==> flow/design.v <==
module ex_cmp #(
   parameter int XLEN = 32
) (
   input logic clk,
   input logic [XLEN-1:0] first,
   input logic [XLEN-1:0] second,
   input logic [XLEN-1:0] third,
   output logic [XLEN-1:0] dout
);
   logic [XLEN-1:0] first_r;
   always_ff @(posedge clk)
      first_r <= first;
   logic [XLEN-1:0] second_r;
   always_ff @(posedge clk)
      second_r <= second;
   logic [XLEN-1:0] third_r;
   always_ff @(posedge clk)
      third_r <= third;
   assign dout = (first_r < second_r) ? second_r : (first_r > third_r) ? third_r : first_r;
endmodule
# == From RTL to reports: ex_cmp ==
# The steps from the RTL of ex_cmp to its reports follow in flow order.
# Line numbers count from 1 in the design file above.
# Operators carry their Yosys type and port widths (W data, S select, Z words).
# Library cell names are shortened.
# The mark - stands for no value.
# inputs
top,ex_cmp
clock_port,clk
lib,sky130hd
corner,tt_025C_1v80

# == Elaborated design ==
# Source: Yosys, flattened and elaborated, memories not mapped. Widths are those after wreduce; folded enables and synchronous resets count as part of the registers. Registers that Yosys merges into a memory's read port (data or address) are not register bits. Print and check cells do not count. Equal cells are merged and count once.
# word_totals
out_inout_bits,32
in_bits,97
regBits,96
# classes
cmp,2
muxes,2
# op_table
operator,n
$mux W32,2
$gt A32 B32 Y1,1
$lt A32 B32 Y1,1

# == Logic depth ==
# Depth = most cells in a row (Yosys ltp): at word level without a register or memory, in the mapped netlist without a sequential cell, where the memories' decode and read muxes count.
# logic_depth
ltp_word,3
ABC_AREA,0
ltp_mapped,9
ltp_nobuf,8

# == Netlist ==
# The flow's flattened synthesis, as Yosys stat reports it; memories are mapped. The netlist is that of the ABC_AREA named above (0 if unset); the other value can give another one.
# The area totals of this step are shown rounded.
# synth_totals
mapped_area_um2,4546
mapped_cells,474
ffs,96
# types
type,n
dfxtp_1,96
ha_1,63
a211oi_1,33
inv_1,63
a31oi_1,33
nand3_1,35
o21ai_1,32
a21oi_1,21
buf_6,9
nand2_1,17
nand4_1,8
o21ai_0,10
buf_8,3
clkbuf_1,12
a21o_1,4
a221oi_1,3
and4_1,3
o21a_1,3
# Other cell types: 18; their cells: 26.

# == Worst setup path after synthesis ==
# Source: OpenSTA report_checks on the synthesized netlist (no wires, ideal clock, input and output delay 20% of the period each), path of least setup slack; recovery checks are left aside. Register names are those of the netlist, which keeps one name where synthesis merged equal registers.
# synth_timing
path_kind,register to output
startpoint,reg third_r[23]
endpoint,out dout[10]
tclk_ns,3.24
arrival_ns,2.073
path_stages,10
setup_slack_ns,0.519
t_required_ns,2.592
path_buffers,1
path_delay_ns,2.073
t_first_pin_ns,0.000
period_less_setup_slack_ns,2.721
# "path_delay_ns" is the arrival time less input delay plus setup time.
# A path that ends at an output port has no setup time.
# "path_stages": output pins that drive a net of the path, with the launching flip-flop's if there is one; two outputs of one cell count as two.
# "period_less_setup_slack_ns" = period - worst setup slack (recovery checks aside). The figure is calculated, with input and output delays left at 20% of the set period.
# The rows between start and end are the longest chain of elaborated cells between them; the timing report does not say that the signal goes this way. Where chains are equally long, one stands for them.
# Each line given opens the expression or statement behind the cell; cells for indexed reads and writes are added by Yosys, which also makes memories of some case tables.
# synth_between
path_cell_list,dfxtp_1 inv_1 ha_1 nand4_1 or4_4 nand2b_4 o21ai_4 buf_8 nand3_1 a31oi_1
elab_chain_len,3
# synth_rtl
element,line_no,source
"start, declared",16,logic [XLEN-1:0] third_r;
"start, assigned",18,third_r <= third;
$gt A32 B32 Y1,19,assign dout = (first_r < second_r) ? second_r : (first_r > third_r) ? third_r : first_r;
$mux W32 (2 in a row),19,
"end, declared",8,output logic [XLEN-1:0] dout

# == Timing after layout ==
# From the final timing report of run 1: the path of least setup slack in the routed layout; clock arrival at registers is part of the times.
# layout_timing
path_kind,register to output
startpoint,reg third_r[25]
endpoint,out dout[7]
t_required_ns,2.59
arrival_ns,2.73
path_stages,12
path_buffers,3
t_first_pin_ns,0.35
tclk_ns,3.24
setup_slack_ns,-0.14
# The rows between start and end are the longest chain of elaborated cells between them; the timing report does not say that the signal goes this way. Where chains are equally long, one stands for them.
# layout_between
path_cell_list,dfxtp_2 inv_2 ha_4 nand4_1 or4_4 nand2b_4 o21ai_4 buf_12 buf_8 nand3_1 a31oi_1 buf_2
elab_chain_len,3
# layout_rtl
element,line_no,source
"start, declared",16,logic [XLEN-1:0] third_r;
"start, assigned",18,third_r <= third;
$gt A32 B32 Y1,19,assign dout = (first_r < second_r) ? second_r : (first_r > third_r) ? third_r : first_r;
$mux W32 (2 in a row),19,
"end, declared",8,output logic [XLEN-1:0] dout

# Record of 3 stored runs of the RTL-to-layout flow on ex_cmp, platform sky130hd. The runs are unordered. Constraints: input delay and output delay 20% of the set period each, output load 0.01 pF.
# By "timing.achieved_period_ns" is meant the clock period of the run minus its worst setup slack. This is arithmetic on one report: input and output delays are still those of the set period (20% each).
# By "worst_path_time_ns" is meant the share of the clock period that the worst setup path is allowed (20% is reserved at inputs, 20% at outputs), minus its slack. Clock arrival times at its registers enter into it.
# "total_power_w" rests on the timing tool's default activity at the inputs, not on a simulated workload.
# Results are given in rounded form.
# Among the settings, -- means not set for that run.
stored run,period_ns,CAP_MARGIN,CORE_MARGIN,CORE_UTILIZATION,SLEW_MARGIN,SETUP_SLACK_MARGIN,PLACE_DENSITY,TNS_END_PERCENT,ABC_AREA,GPL_ROUTABILITY_DRIVEN,CTS_CLUSTER_SIZE,CTS_CLUSTER_DIAMETER,MIN_ROUTING_LAYER,MAX_ROUTING_LAYER,PLACE_DENSITY_LB_ADDON,CORE_ASPECT_RATIO,CELL_PAD_IN_SITES_GLOBAL_PLACEMENT,CELL_PAD_IN_SITES_DETAIL_PLACEMENT,GPL_TIMING_DRIVEN,timing.hold.ws_ns,setup_tns_ns,final_stdcell_area_um2,final_setup_ws_ns,die_um2,timing.achieved_period_ns,worst_path_time_ns,worst_path_kind,yosys.chip_area_um2,total_power_w,fin_util_pct
run 1,3.24,20,2,40,20,--,--,--,--,--,--,--,--,--,--,--,--,--,--,0.723,-2.624,7759,-0.141,12230,3.381,2.73,register to output,4546,0.003307,70.6
run 2,2.42,30,2,34,20,-0.17,0.46,65,1,1,59,21,met2,met5,--,--,--,--,--,0.562,-13.97,7407,-0.465,14260,2.885,2.40,register to output,4528,0.004383,56.4
run 3,3.16,20,9,18,5,--,--,--,--,--,--,--,met2,--,0.25,1.38,0,0,1,0.700,-7.537,8243,-0.284,31370,3.444,2.81,register to output,4546,0.003648,33.6
